==> flow/design.v <==
module my_mplex_top #(
  parameter BITS = 10,
  parameter N_IN = 8,
  parameter SW = $clog2(N_IN)
) (
  input clk_i,
  input clr,
  input adv,
  input [N_IN*BITS-1:0] in_src,
  input [SW-1:0] in_select,
  output reg [BITS-1:0] out_data_out
);
  reg [N_IN*BITS-1:0] r_src;
  always @(posedge clk_i or posedge clr) begin
    if (clr) begin
      r_src <= 0;
    end else if (adv) begin
      r_src <= in_src;
    end
  end
  reg [SW-1:0] r_select;
  always @(posedge clk_i or posedge clr) begin
    if (clr) begin
      r_select <= 0;
    end else if (adv) begin
      r_select <= in_select;
    end
  end
  localparam HALF = N_IN / 2;
  reg [BITS-1:0] r_lo;
  always @(posedge clk_i or posedge clr) begin
    if (clr) begin
      r_lo <= 0;
    end else if (adv) begin
      r_lo <= r_src[r_select[SW-2:0]*BITS +: BITS];
    end
  end
  reg [BITS-1:0] r_hi;
  always @(posedge clk_i or posedge clr) begin
    if (clr) begin
      r_hi <= 0;
    end else if (adv) begin
      r_hi <= r_src[(HALF + r_select[SW-2:0])*BITS +: BITS];
    end
  end
  reg r_select_d;
  always @(posedge clk_i or posedge clr) begin
    if (clr) begin
      r_select_d <= 1'b0;
    end else if (adv) begin
      r_select_d <= r_select[SW-1];
    end
  end
  always @(posedge clk_i or posedge clr) begin
    if (clr) begin
      out_data_out <= 0;
    end else if (adv) begin
      out_data_out <= r_select_d ? r_hi : r_lo;
    end
  end
endmodule
# Tool chain data of my_mplex_top
# The steps from the RTL of my_mplex_top to its reports follow in flow order.
# Lines are those of the file above, counted from 1.
# Operators carry their Yosys type and port widths (W data, S select, Z words).
design:
  top_module: "my_mplex_top"
  clk_port: "clk_i"
  lib: "sky130hd"
  pvt_corner: "tt_025C_1v80"

# Elaborated design
# Source: Yosys, flattened and elaborated, memories not mapped. Widths are those after wreduce; folded enables and synchronous resets count as part of the registers. Registers that Yosys merges into a memory's read port (data or address) are not register bits. Print and check cells do not count. Equal cells are merged and count once.
word_totals:
  register_bits: 114
  inputBits: 86
op_classes:
  add_sub_neg: 1
  mul: 2
  shift: 2
  mux: 1
op_table:
  columns: ["op", "n"]
  rows:
  - ["$shiftx A80 B7 Y10", 1]
  - ["$shiftx A80 B9 Y10", 1]
  - ["$mul A4 B3 Y7 const B", 1]
  - ["$mul A2 B3 Y5 const B", 1]
  - ["$mux W10", 1]
  - ["$add A3 B2 Y4 const A", 1]

# Longest topological paths
# Longest topological path by Yosys (ltp), each cell counted once; first at word level (registers and memories cut), then after technology mapping (sequential cells cut; the memories' decode and read muxes count).
depth:
  depth_word: 3
  abc_area: 0
  mapped_depth: 5

# Netlist
# Source: synth_stat.txt of the flow (Yosys; design flattened, memories mapped). It holds for the ABC_AREA given above (unset counts as 0); a run with the other value may have another netlist.
# Totals and module areas in this step are rounded.
mapped:
  mapped_cells: 335
  area_um2: 4971
  sequential_area_um2: 2853
  ff_cells: 114
  buf_cells: 24
by_type:
  columns: ["type", "n"]
  rows:
  - ["sky130_fd_sc_hd__dfrtp_1", 114]
  - ["sky130_fd_sc_hd__mux2_2", 54]
  - ["sky130_fd_sc_hd__mux2i_1", 50]
  - ["sky130_fd_sc_hd__mux2_4", 30]
  - ["sky130_fd_sc_hd__o221ai_1", 20]
  - ["sky130_fd_sc_hd__nand2b_1", 21]
  - ["sky130_fd_sc_hd__buf_2", 12]
  - ["sky130_fd_sc_hd__buf_6", 5]
  - ["sky130_fd_sc_hd__a21oi_1", 10]
  - ["sky130_fd_sc_hd__nor2_1", 10]
  - ["sky130_fd_sc_hd__buf_4", 4]
  - ["sky130_fd_sc_hd__clkbuf_1", 3]
  - ["sky130_fd_sc_hd__inv_1", 1]
  - ["sky130_fd_sc_hd__nand2_1", 1]

# Timing after synthesis
# Source: OpenSTA report_checks on the synthesized netlist (no wires, ideal clock, input and output delay 20% of the period each), path of least setup slack; recovery checks are left aside. Register names are those of the netlist, which keeps one name where synthesis merged equal registers.
synth_path:
  path_kind: "reg-to-reg"
  from: "register r_select[0]"
  to: "register r_hi[0]"
  clock_period_ps: 1330
  setup_ps: 142
  t_first_pin_ps: 0
  arrival_ps: 923
  required_time_ps: 1188
  path_slack_ps: 265
  path_delay_ps: 1065
  path_stages: 5
  n_path_buf: 2
  period_less_setup_slack_ps: 1065
# "path_delay_ps" is the arrival time less input delay plus setup time.
# "path_stages" counts driving pins, that of a launching flip-flop among them; a cell with two outputs on the path counts twice.
# "period_less_setup_slack_ps" is the clock period less the worst setup slack; recovery checks do not enter. This is arithmetic on one report: input and output delays are still those of the set period (20% each).
# The rows between start and end are the longest chain of elaborated cells between them; the timing report does not say that the signal goes this way. Where chains are equally long, one stands for them.
# A line is the first line of the expression or statement that the cell stems from. Yosys adds cells for indexed reads and writes and turns some case tables into memories.
synth_between:
  cell_sequence: "sky130_fd_sc_hd__dfrtp_1 -> sky130_fd_sc_hd__buf_2 -> sky130_fd_sc_hd__buf_4 -> sky130_fd_sc_hd__mux2i_1 -> sky130_fd_sc_hd__o221ai_1"
  elab_chain_cells: 3
  cells_between: 3
  cone_lines: 1
  classes_between: "add/sub (1); mul (1); shift (1)"
synth_lines:
  columns: ["element", "line", "rtl"]
  rows:
  - ["start, declared", 21, "reg [SW-1:0] r_select;"]
  - ["start, assigned", 24, "r_select <= 0;"]
  - ["start, assigned", 26, "r_select <= in_select;"]
  - ["$add A3 B2 Y4", 43, "r_hi <= r_src[(HALF + r_select[SW-2:0])*BITS +: BITS];"]
  - ["$mul A4 B3 Y7", 43, null]
  - ["$shiftx A80 B9 Y10", 43, null]
  - ["end, assigned", 41, "r_hi <= 0;"]
  - ["end, assigned", 43, null]
  - ["end, declared", 38, "reg [BITS-1:0] r_hi;"]

# Worst path after layout
# Path of least setup slack in the final report of job 1 (OpenROAD, finished layout, wires in). Where an end is a register, its clock arrival counts in the times.
# The report prints the path's times to 10 ps; the period is as set.
layout_path:
  path_kind: "reg-to-output"
  from: "register out_data_out[1]"
  to: "output port out_data_out[1]"
  clock_period_ps: 1330
  t_first_pin_ps: 410
  arrival_ps: 1020
  required_time_ps: 1060
  path_slack_ps: 40
  path_stages: 2
  n_path_buf: 1
layout_between:
  cell_sequence: "sky130_fd_sc_hd__dfrtp_1 -> sky130_fd_sc_hd__clkdlybuf4s15_1"
  elab_chain_cells: 0
  cells_between: 0
  cone_lines: 0
layout_lines:
  columns: ["element", "line", "rtl"]
  rows:
  - ["start, declared", 11, "output reg [BITS-1:0] out_data_out"]
  - ["start, assigned", 56, "out_data_out <= 0;"]
  - ["start, assigned", 58, "out_data_out <= r_select_d ? r_hi : r_lo;"]
  - ["end, declared", 11, null]

# Record of 2 stored runs of the RTL-to-layout flow on my_mplex_top, platform sky130hd. The runs are unordered. Constraints: input delay and output delay 20% of the set period each, output load 0.01 pF.
# "clock_period_reached_ps" means the clock period less the worst setup slack. The figure is calculated, with input and output delays left at 20% of the set period.
# "worst_path_allowed_less_slack_ps": the worst setup path's part of the clock period (all of it between registers, 20% less for each end at a port) less its slack. A launch clock that arrives late makes it longer, a capture clock that arrives late makes it shorter.
# "power_uw": no workload was simulated; the value follows from the tool's default switching activity.
# "worst_path_allowed_less_slack_ps" is known to 10 ps.
# Measured values are rounded.
runs:
  - name: "job 1"
    settings:
      period_ns: 1.33
      CAP_MARGIN: 20
      CORE_MARGIN: 2
      CORE_UTILIZATION: 40
      SLEW_MARGIN: 20
    results:
      synthArea_um2: 4971
      die_area_um2: 13340
      finalCellArea_um2: 6733
      final_util_frac: 0.558
      worst_setup_slack_ps: 40
      fin_tns_ps: 0
      power_uw: 10080
      clock_period_reached_ps: 1290
      worst_path_allowed_less_slack_ps: 1020
      worstPathKind: "reg-to-output"
  - name: "job 2"
    settings:
      period_ns: 1.68
      CORE_UTILIZATION: 27
      SETUP_SLACK_MARGIN: 0.21
      PLACE_DENSITY_LB_ADDON: 0.17
      CELL_PAD_IN_SITES_GLOBAL_PLACEMENT: 3
      CELL_PAD_IN_SITES_DETAIL_PLACEMENT: 0
      TNS_END_PERCENT: 45
      GPL_TIMING_DRIVEN: 1
      CTS_CLUSTER_SIZE: 71
      CTS_CLUSTER_DIAMETER: 181
      MAX_ROUTING_LAYER: "met5"
      CAP_MARGIN: 20
      CORE_MARGIN: 2
      SLEW_MARGIN: 20
    results:
      synthArea_um2: 4971
      die_area_um2: 19510
      finalCellArea_um2: 6788
      final_util_frac: 0.377
      worst_setup_slack_ps: 255
      fin_tns_ps: 0
      power_uw: 8073
      clock_period_reached_ps: 1425
      worst_path_allowed_less_slack_ps: 1090
      worstPathKind: "reg-to-output"
